==> flow/design.v <==
module core_mplex #(
  parameter NBITS = 24,
  parameter WAYS = 8,
  parameter LG = $clog2(WAYS)
) (
  input wire clk,
  input wire [WAYS*NBITS-1:0] i_data,
  input wire [LG-1:0] i_idx,
  output reg [NBITS-1:0] o_data_out
);
  wire [NBITS-1:0] nd [1:2*WAYS-1];
  genvar i;
  generate
    for (i = 0; i < WAYS; i = i + 1) begin : lane
      assign nd[WAYS+i] = i_data[i*NBITS +: NBITS];
    end
    for (i = 1; i < WAYS; i = i + 1) begin : row
      assign nd[i] = i_idx[LG - $clog2(i+1)] ? nd[2*i+1] : nd[2*i];
    end
  endgenerate
  always @(posedge clk)
    o_data_out <= nd[1];
endmodule
From RTL to reports: core_mplex
What the tools print for core_mplex, step after step.
Lines are those of the file above, counted from 1.
Library cell names are shortened.
Not given: -

design
  top = core_mplex
  clock port = clk
  standard-cell library = sky130hd
  timing corner = tt_025C_1v80

Word level
Yosys after proc, flatten, opt, wreduce and memory -nomap, before mapping. Enables and synchronous resets that opt folds into registers are not counted as muxes. Memory bits, and registers merged into a memory's read port (data or address), are not among the register bits. Print and check cells are not counted. Equal cells are merged and count once.

bit counts
  output and inout port bits = 24
  elaborated cells = 8
  input bits = 196
  register bits after elaboration = 24

cells by class
  muxes and demuxes = 7

operators with widths
  operator            number
  two-way mux 24 bit  7

Logic depth
Depth = most cells in a row (Yosys ltp): at word level without a register or memory, in the mapped netlist without a sequential cell, where the memories' decode and read muxes count.

logic depth
  word-level depth = 3
  ABC_AREA = 0
  gate-level depth with buffers = 4
  gate-level depth less buffers = 2

Netlist
The flow's flattened synthesis, as Yosys stat reports it; memories are mapped. The netlist is that of the ABC_AREA named above (0 if unset); the other value can give another one.

cells by type
  type      number  total area (um^2)
  mux4_2    48      1.08E+03
  dfxtp_1   24      480.461
  mux2_4    12      180.173
  mux2_2    12      135.13
  buf_12    2       40.038
  buf_2     6       30.029
  buf_6     1       11.261
  clkbuf_1  3       11.261
  buf_1     1       3.754

synthesis totals
  flip-flop cells = 24
  chip area (Yosys) = 1973.1 um^2
  buffer cells = 13
  cells in the netlist = 109
  area of sequential cells = 480.5 um^2

Path before layout
OpenSTA on the mapped netlist: ideal clock, no wires. The path of least setup slack (recovery checks aside). Input and output delay are each 20% of the period. Register names are those of the netlist, which keeps one name where synthesis merged equal registers.

timing path post-synthesis
  kind = input to register
  from = input i_idx[0]
  to = register o_data_out[13]
  buffers on the path = 1
  input delay = 0.368 ns
  library setup time = 0.121 ns
  required time = 1.719 ns
  slack = 0.295 ns
  path delay = 1.176 ns
  stages on the path = 3
  time at the first pin = 0.368 ns
  arrival = 1.423 ns
  period = 1.84 ns
  synthesis period reached = 1.545 ns

"path delay" = arrival - input delay + setup time.
"stages on the path": output pins that drive a net of the path, with the launching flip-flop's if there is one; two outputs of one cell count as two.
"synthesis period reached" = period - worst setup slack (recovery checks aside). The figure is calculated, with input and output delays left at 20% of the set period.
Between the ends stands the longest chain of elaborated cells between them, by number of cells; it is not shown to be the way that was timed. Of several equally long chains one is given.
A line is the first line of the expression or statement that the cell stems from. Yosys adds cells for indexed reads and writes and turns some case tables into memories.

between the ends, post-synthesis
  cells stage by stage = buf_2 mux4_2 mux2_4
  length of the longest elaborated chain = 3
  elaborated cells on any way between the ends = 7
  RTL lines with such cells = 1
  those cells by class = 7 x mux

RTL lines, path post-synthesis
  element                line  RTL
  start, declared        8     input wire [LG-1:0] i_idx,
  two-way mux 24 bit x3  18    assign nd[i] = i_idx[LG - $clog2(i+1)] ? nd[2*i+1] : nd[2*i];
  end, assigned          22    o_data_out <= nd[1];
  end, declared          9     output reg [NBITS-1:0] o_data_out

Timing after layout
From the final timing report of run A: the path of least setup slack in the routed layout; clock arrival at registers is part of the times.

timing path post-layout
  kind = register to output
  from = register o_data_out[3]
  to = output o_data_out[3]
  arrival = 1.17 ns
  time at the first pin = 0.28 ns
  external output delay = 0.35 ns
  buffers on the path = 1
  required time = 1.40 ns
  stages on the path = 2
  slack = 0.23 ns
  period = 1.75 ns

between the ends, post-layout
  cells stage by stage = dfxtp_1 clkdlybuf4s50_1
  length of the longest elaborated chain = 0
  elaborated cells on any way between the ends = 0
  RTL lines with such cells = 0

RTL lines, path post-layout
  element          line  RTL
  start, declared  9     output reg [NBITS-1:0] o_data_out
  start, assigned  22    o_data_out <= nd[1];
  end, declared    9

--- measured runs ---
Measured results for core_mplex: 3 stored runs of the Yosys and OpenROAD flow on sky130hd. The settings differ; the order carries no meaning. The constraints put input and output delay at 20% of the set period each and load the outputs with 0.01 pF.
"achieved clock period" = clock period - worst setup slack. The figure is calculated, with input and output delays left at 20% of the set period.
"worst setup path time" = time allowed to the worst setup path (clock period - input delay - output delay, where it has them) - its slack; a late launch clock adds to it, a late capture clock takes from it.
"power": no workload was simulated; the value follows from the tool's default switching activity.

Run A
==> flow/run.sh <==
#!/bin/bash
# the make line also repeats the synthesis and layout settings of config.mk as NAME=value (left out here)
make -C /OpenROAD-flow-scripts/flow DESIGN_CONFIG=/design/flow/config.mk WORK_HOME=/design/flow/orfs CLKGATE_MAP_FILE= finish
==> flow/config.mk <==
export PLATFORM = sky130hd
export DESIGN_NAME = core_mplex
export DESIGN_NICKNAME = core_mplex
export VERILOG_FILES = /design/flow/design.v
export SDC_FILE = /design/flow/constraint.sdc
export NUM_CORES = 4
export LEC_CHECK = 0
export CAP_MARGIN = 20
export CELL_PAD_IN_SITES_DETAIL_PLACEMENT = 1
export CELL_PAD_IN_SITES_GLOBAL_PLACEMENT = 2
export CORE_MARGIN = 2
export CORE_UTILIZATION = 21
export PLACE_DENSITY_LB_ADDON = 0.22
export SLEW_MARGIN = 20
export TNS_END_PERCENT = 90
==> flow/constraint.sdc <==
create_clock -name core_clock -period 1.75 [get_ports {clk}]
set_input_delay 0.3500 -clock core_clock [delete_from_list [all_inputs] [get_ports {clk}]]
set_output_delay 0.3500 -clock core_clock [all_outputs]
set_load 0.01 [all_outputs]

==> results of run A <==
chip area after synthesis (Yosys): 1973.1 um^2
die area: 10186.9 um^2
standard-cell area of the final layout: 4385.5 um^2
utilization: 47.7%
worst setup slack after layout: 0.235 ns
total negative slack: 0.000 ns
worst hold slack: 0.593 ns
power: 2.085 mW
achieved clock period: 1.515 ns
worst setup path time: 1.17 ns
worst setup path kind: register to output

Run B
==> flow/run.sh <==
#!/bin/bash
# the make line also repeats the synthesis and layout settings of config.mk as NAME=value (left out here)
make -C /OpenROAD-flow-scripts/flow DESIGN_CONFIG=/design/flow/config.mk WORK_HOME=/design/flow/orfs CLKGATE_MAP_FILE= finish
==> flow/config.mk <==
export PLATFORM = sky130hd
export DESIGN_NAME = core_mplex
export DESIGN_NICKNAME = core_mplex
export VERILOG_FILES = /design/flow/design.v
export SDC_FILE = /design/flow/constraint.sdc
export NUM_CORES = 4
export LEC_CHECK = 0
export ABC_AREA = 1
export CAP_MARGIN = 20
export CORE_ASPECT_RATIO = 1.73
export CORE_MARGIN = 4
export CORE_UTILIZATION = 41
export PLACE_DENSITY_LB_ADDON = 0.22
export SETUP_SLACK_MARGIN = 0.34
export SLEW_MARGIN = 0
==> flow/constraint.sdc <==
create_clock -name core_clock -period 1.57 [get_ports {clk}]
set_input_delay 0.3140 -clock core_clock [delete_from_list [all_inputs] [get_ports {clk}]]
set_output_delay 0.3140 -clock core_clock [all_outputs]
set_load 0.01 [all_outputs]

==> results of run B <==
chip area after synthesis (Yosys): 3076.7 um^2
die area: 9006.5 um^2
standard-cell area of the final layout: 5377.7 um^2
utilization: 73.8%
worst setup slack after layout: 0.390 ns
total negative slack: 0.000 ns
worst hold slack: 0.642 ns
power: 2.645 mW
achieved clock period: 1.180 ns
worst setup path time: 0.87 ns
worst setup path kind: register to output

Run C
==> flow/run.sh <==
#!/bin/bash
# the make line also repeats the synthesis and layout settings of config.mk as NAME=value (left out here)
make -C /OpenROAD-flow-scripts/flow DESIGN_CONFIG=/design/flow/config.mk WORK_HOME=/design/flow/orfs CLKGATE_MAP_FILE= finish
==> flow/config.mk <==
export PLATFORM = sky130hd
export DESIGN_NAME = core_mplex
export DESIGN_NICKNAME = core_mplex
export VERILOG_FILES = /design/flow/design.v
export SDC_FILE = /design/flow/constraint.sdc
export NUM_CORES = 4
export LEC_CHECK = 0
export CAP_MARGIN = 20
export CORE_MARGIN = 2
export CORE_UTILIZATION = 40
export SLEW_MARGIN = 20
==> flow/constraint.sdc <==
create_clock -name core_clock -period 1.84 [get_ports {clk}]
set_input_delay 0.3680 -clock core_clock [delete_from_list [all_inputs] [get_ports {clk}]]
set_output_delay 0.3680 -clock core_clock [all_outputs]
set_load 0.01 [all_outputs]

==> results of run C <==
chip area after synthesis (Yosys): 1973.1 um^2
die area: 5510.8 um^2
standard-cell area of the final layout: 4315.4 um^2
utilization: 90.8%
worst setup slack after layout: 0.236 ns
total negative slack: 0.000 ns
worst hold slack: 0.686 ns
power: 2.038 mW
achieved clock period: 1.604 ns
worst setup path time: 1.24 ns
worst setup path kind: register to output
--- end ---
